==> flow/design.v <==
module core_switch #(
    parameter int WD = 2
) (
    input  logic ck,
    input  logic valid,
    input  logic [WD-1:0] in_ch0,
    input  logic [WD-1:0] in_ch1,
    input  logic [WD-1:0] in_ch2,
    input  logic [WD-1:0] in_ch3,
    input  logic [WD-1:0] in_ch4,
    input  logic [WD-1:0] in_ch5,
    input  logic [WD-1:0] in_ch6,
    input  logic [WD-1:0] in_ch7,
    input  logic [2:0] in_select,
    output logic [WD-1:0] out_dout
);
    logic [WD-1:0] ch0_s;
    logic [WD-1:0] ch1_s;
    logic [WD-1:0] ch2_s;
    logic [WD-1:0] ch3_s;
    logic [WD-1:0] ch4_s;
    logic [WD-1:0] ch5_s;
    logic [WD-1:0] ch6_s;
    logic [WD-1:0] ch7_s;
    logic [2:0] select_s;
    always_ff @(posedge ck) begin
        if (valid) begin
            ch0_s <= in_ch0;
            ch1_s <= in_ch1;
            ch2_s <= in_ch2;
            ch3_s <= in_ch3;
            ch4_s <= in_ch4;
            ch5_s <= in_ch5;
            ch6_s <= in_ch6;
            ch7_s <= in_ch7;
            select_s <= in_select;
        end
    end
    logic [WD-1:0] r;
    always_comb begin
        case (select_s)
            3'd0: r = ch0_s;
            3'd1: r = ch1_s;
            3'd2: r = ch2_s;
            3'd3: r = ch3_s;
            3'd4: r = ch4_s;
            3'd5: r = ch5_s;
            3'd6: r = ch6_s;
            default: r = ch7_s;
        endcase
    end
    always_ff @(posedge ck) begin
        if (valid) begin
            out_dout <= r;
        end
    end
endmodule
======== Tool chain data of core_switch ========
Tool output for the design above, in the order of the flow.
Line numbers count from 1 in the design file above.
Operators: Yosys type, input widths -> output width; for muxes data width and select width s.
Library cell names are shortened.
Not given: -
set-up
  top ..................................... core_switch
  clock ................................... ck
  standard-cell library ................... sky130hd
  corner .................................. tt_025C_1v80

======== Word-level counts ========
Counts by Yosys on the flattened word-level netlist (proc, flatten, opt, wreduce; memories kept). Register bits leave out memories and registers merged into their read ports (data or address); mux counts leave out enables and synchronous resets folded into registers. Print and check cells are left out. Cells with the same type and inputs are merged into one.
cells by class
  eq/ne operators ......................... 6
  multiplexer cells ....................... 1
  reductions and logical operators ........ 1
operators with widths
  operator            count
  $pmux 2 s7          1
  $eq 3x3->1 const B  3
  $eq 3x2->1 const B  2
  $eq 3x1->1 const B  1
  $logic_not 3->1     1
storage and ports
  bits in registers ....................... 21
  input port bits ......................... 21
  output and inout port bits .............. 2
  word-level cells ........................ 18

======== Logic depth ========
Yosys ltp: most cells in a row. Word level: on the elaborated netlist, between registers, memories and ports. Mapped: between sequential cells and ports; inverters and the memories' decode and read muxes count.
logic depth
  depth in word-level cells ............... 2
  ABC_AREA ................................ 0
  gate-level depth with buffers ........... 4
  depth with buffers taken out ............ 3

======== Netlist ========
The flow's flattened synthesis, as Yosys stat reports it; memories are mapped. The netlist is that of the ABC_AREA named above (0 if unset); the other value can give another one.
cell types
  type       count  total area (sq um)
  edfxtp_1   21     630.605
  mux4_1     1      26.275
  mux4_2     1      22.522
  and4bb_2   1      12.512
  buf_6      1      11.261
  mux2_2     1      11.261
  and4_2     1      10.01
  a2111oi_0  1      8.758
  a211o_1    1      8.758
  a211oi_1   1      7.507
  o21a_1     1      7.507
  o21bai_1   1      7.507
  nand2b_1   1      6.256
  nor2b_1    1      6.256
  o22ai_1    1      6.256
  a21oi_1    1      5.005
  buf_2      1      5.005
  o21ai_0    1      5.005
Other cell types: 3; their cells: 3.
synthesis totals
  cells in the netlist .................... 41
  synthesis area .......................... 809.5 sq um
  sequential part of the area ............. 630.6 sq um
  flip-flops .............................. 21
  buffer cells ............................ 2

======== Worst setup path after synthesis ========
Path of least setup slack by OpenSTA after synthesis, without wires, with an ideal clock, recovery checks aside; 20% of the period is set as input and as output delay. Where synthesis merged equal registers, the netlist keeps one of their names.
timing post-synthesis
  path kind ............................... reg2reg
  start ................................... register select_s[0]
  end ..................................... register out_dout[0]
  period .................................. 1.99 ns
  setup time .............................. 0.259 ns
  launch time at the first pin ............ 0.000 ns
  arrival ................................. 1.331 ns
  required time ........................... 1.731 ns
  path slack .............................. 0.400 ns
  path delay .............................. 1.590 ns
  driving pins on the path ................ 5
  path buffers ............................ 1
  period reached after synthesis .......... 1.59 ns
"path delay" is the arrival time less input delay plus setup time.
"driving pins on the path": output pins that drive a net of the path, with the launching flip-flop's if there is one; two outputs of one cell count as two.
"period reached after synthesis" = period - worst setup slack (recovery checks aside). The figure is calculated, with input and output delays left at 20% of the set period.
Between the ends stands the longest chain of elaborated cells between them, by number of cells; it is not shown to be the way that was timed. Of several equally long chains one is given.
Each line given opens the expression or statement behind the cell; cells for indexed reads and writes are added by Yosys, which also makes memories of some case tables.
on the way, post-synthesis
  cells stage by stage .................... edfxtp_1 buf_6 mux4_2 a211o_1 o21bai_1
  cells in the longest elaborated chain ... 2
  elaborated cells on any way between the ends .. 8
  source lines of those cells ............. 1
  classes of those cells .................. eq/ne (6); mux (1); reduce/logical (1)
RTL lines, path post-synthesis
  what           RTL line  RTL
  from (decl)    25        logic [2:0] select_s;
  from (assign)  36        select_s <= in_select;
  $eq 3x3->1     41        case (select_s)
  $pmux 2 s7     41
  to (assign)    54        out_dout <= r;
  to (decl)      15        output logic [WD-1:0] out_dout

======== Timing after layout ========
Path of least setup slack in the final report of entry B (OpenROAD, finished layout, wires in). Where an end is a register, its clock arrival counts in the times.
timing post-layout
  path kind ............................... reg2reg
  start ................................... register select_s[0]
  end ..................................... register out_dout[0]
  period .................................. 1.99 ns
  setup time .............................. 0.23 ns
  launch time at the first pin ............ 0.30 ns
  arrival ................................. 1.79 ns
  required time ........................... 2.06 ns
  path slack .............................. 0.27 ns
  driving pins on the path ................ 4
  path buffers ............................ 0
Between the ends stands the longest chain of elaborated cells between them, by number of cells; it is not shown to be the way that was timed. Of several equally long chains one is given.
on the way, post-layout
  cells stage by stage .................... edfxtp_1 mux4_2 a211o_1 o21bai_1
  cells in the longest elaborated chain ... 2
  elaborated cells on any way between the ends .. 8
  source lines of those cells ............. 1
  classes of those cells .................. eq/ne (6); mux (1); reduce/logical (1)
RTL lines, path post-layout
  what           RTL line  RTL
  from (decl)    25        logic [2:0] select_s;
  from (assign)  36        select_s <= in_select;
  $eq 3x3->1     41        case (select_s)
  $pmux 2 s7     41
  to (assign)    54        out_dout <= r;
  to (decl)      15        output logic [WD-1:0] out_dout

Flow measurements of core_switch on sky130hd: 3 stored runs with different settings, listed in no order. Input and output delays are each 20% of the period that was set; the output load is 0.01 pF.
"period reached": clock period set for the run, less the worst setup slack. It is reckoned from that one timing run; input and output delays stay at 20% of the period that was set.
"critical path time" = time allowed to the worst setup path (clock period - input delay - output delay, where it has them) - its slack; a late launch clock adds to it, a late capture clock takes from it.
"power consumption" is the tool's figure for a default switching activity; nothing was simulated.

---- entry A ----
settings
  period_ns = 2.3
  CORE_UTILIZATION = 68
  SETUP_SLACK_MARGIN = 0.04
  PLACE_DENSITY = 0.83
  CORE_ASPECT_RATIO = 0.5
  CELL_PAD_IN_SITES_DETAIL_PLACEMENT = 2
  ABC_AREA = 1
  GPL_ROUTABILITY_DRIVEN = 1
  CTS_CLUSTER_DIAMETER = 183
  SLEW_MARGIN = 5
  MIN_ROUTING_LAYER = met1
  MAX_ROUTING_LAYER = met5
  CAP_MARGIN = 20
  CORE_MARGIN = 2
results
  not finished: floorplanning ended with error PDN-0185

---- entry B ----
settings
  period_ns = 1.99
  CAP_MARGIN = 20
  CORE_MARGIN = 2
  CORE_UTILIZATION = 40
  SLEW_MARGIN = 20
results
  final utilization ....................... 55.7%
  period reached .......................... 1.721 ns
  die outline area ........................ 2399.5 sq um
  final setup TNS ......................... 0.000 ns
  critical path time ...................... 1.72 ns
  critical path type ...................... reg2reg
  setup slack of the worst path ........... 0.269 ns
  standard-cell area after layout ......... 1082.3 sq um
  chip area after synthesis (Yosys) ....... 809.5 sq um
  power consumption ....................... 846.2 uW
  worst hold slack after layout ........... 0.614 ns

---- entry C ----
settings
  period_ns = 1.81
  CORE_UTILIZATION = 44
  SETUP_SLACK_MARGIN = 0.0
  PLACE_DENSITY_LB_ADDON = 0.27
  CORE_ASPECT_RATIO = 0.66
  CELL_PAD_IN_SITES_DETAIL_PLACEMENT = 1
  TNS_END_PERCENT = 70
  CTS_CLUSTER_DIAMETER = 252
  CAP_MARGIN = 10
  CORE_MARGIN = 2
  SLEW_MARGIN = 20
results
  final utilization ....................... 63.2%
  period reached .......................... 1.627 ns
  die outline area ........................ 2206.2 sq um
  final setup TNS ......................... 0.000 ns
  critical path time ...................... 1.63 ns
  critical path type ...................... reg2reg
  setup slack of the worst path ........... 0.183 ns
  standard-cell area after layout ......... 1082.3 sq um
  chip area after synthesis (Yosys) ....... 809.5 sq um
  power consumption ....................... 939.8 uW
  worst hold slack after layout ........... 0.601 ns
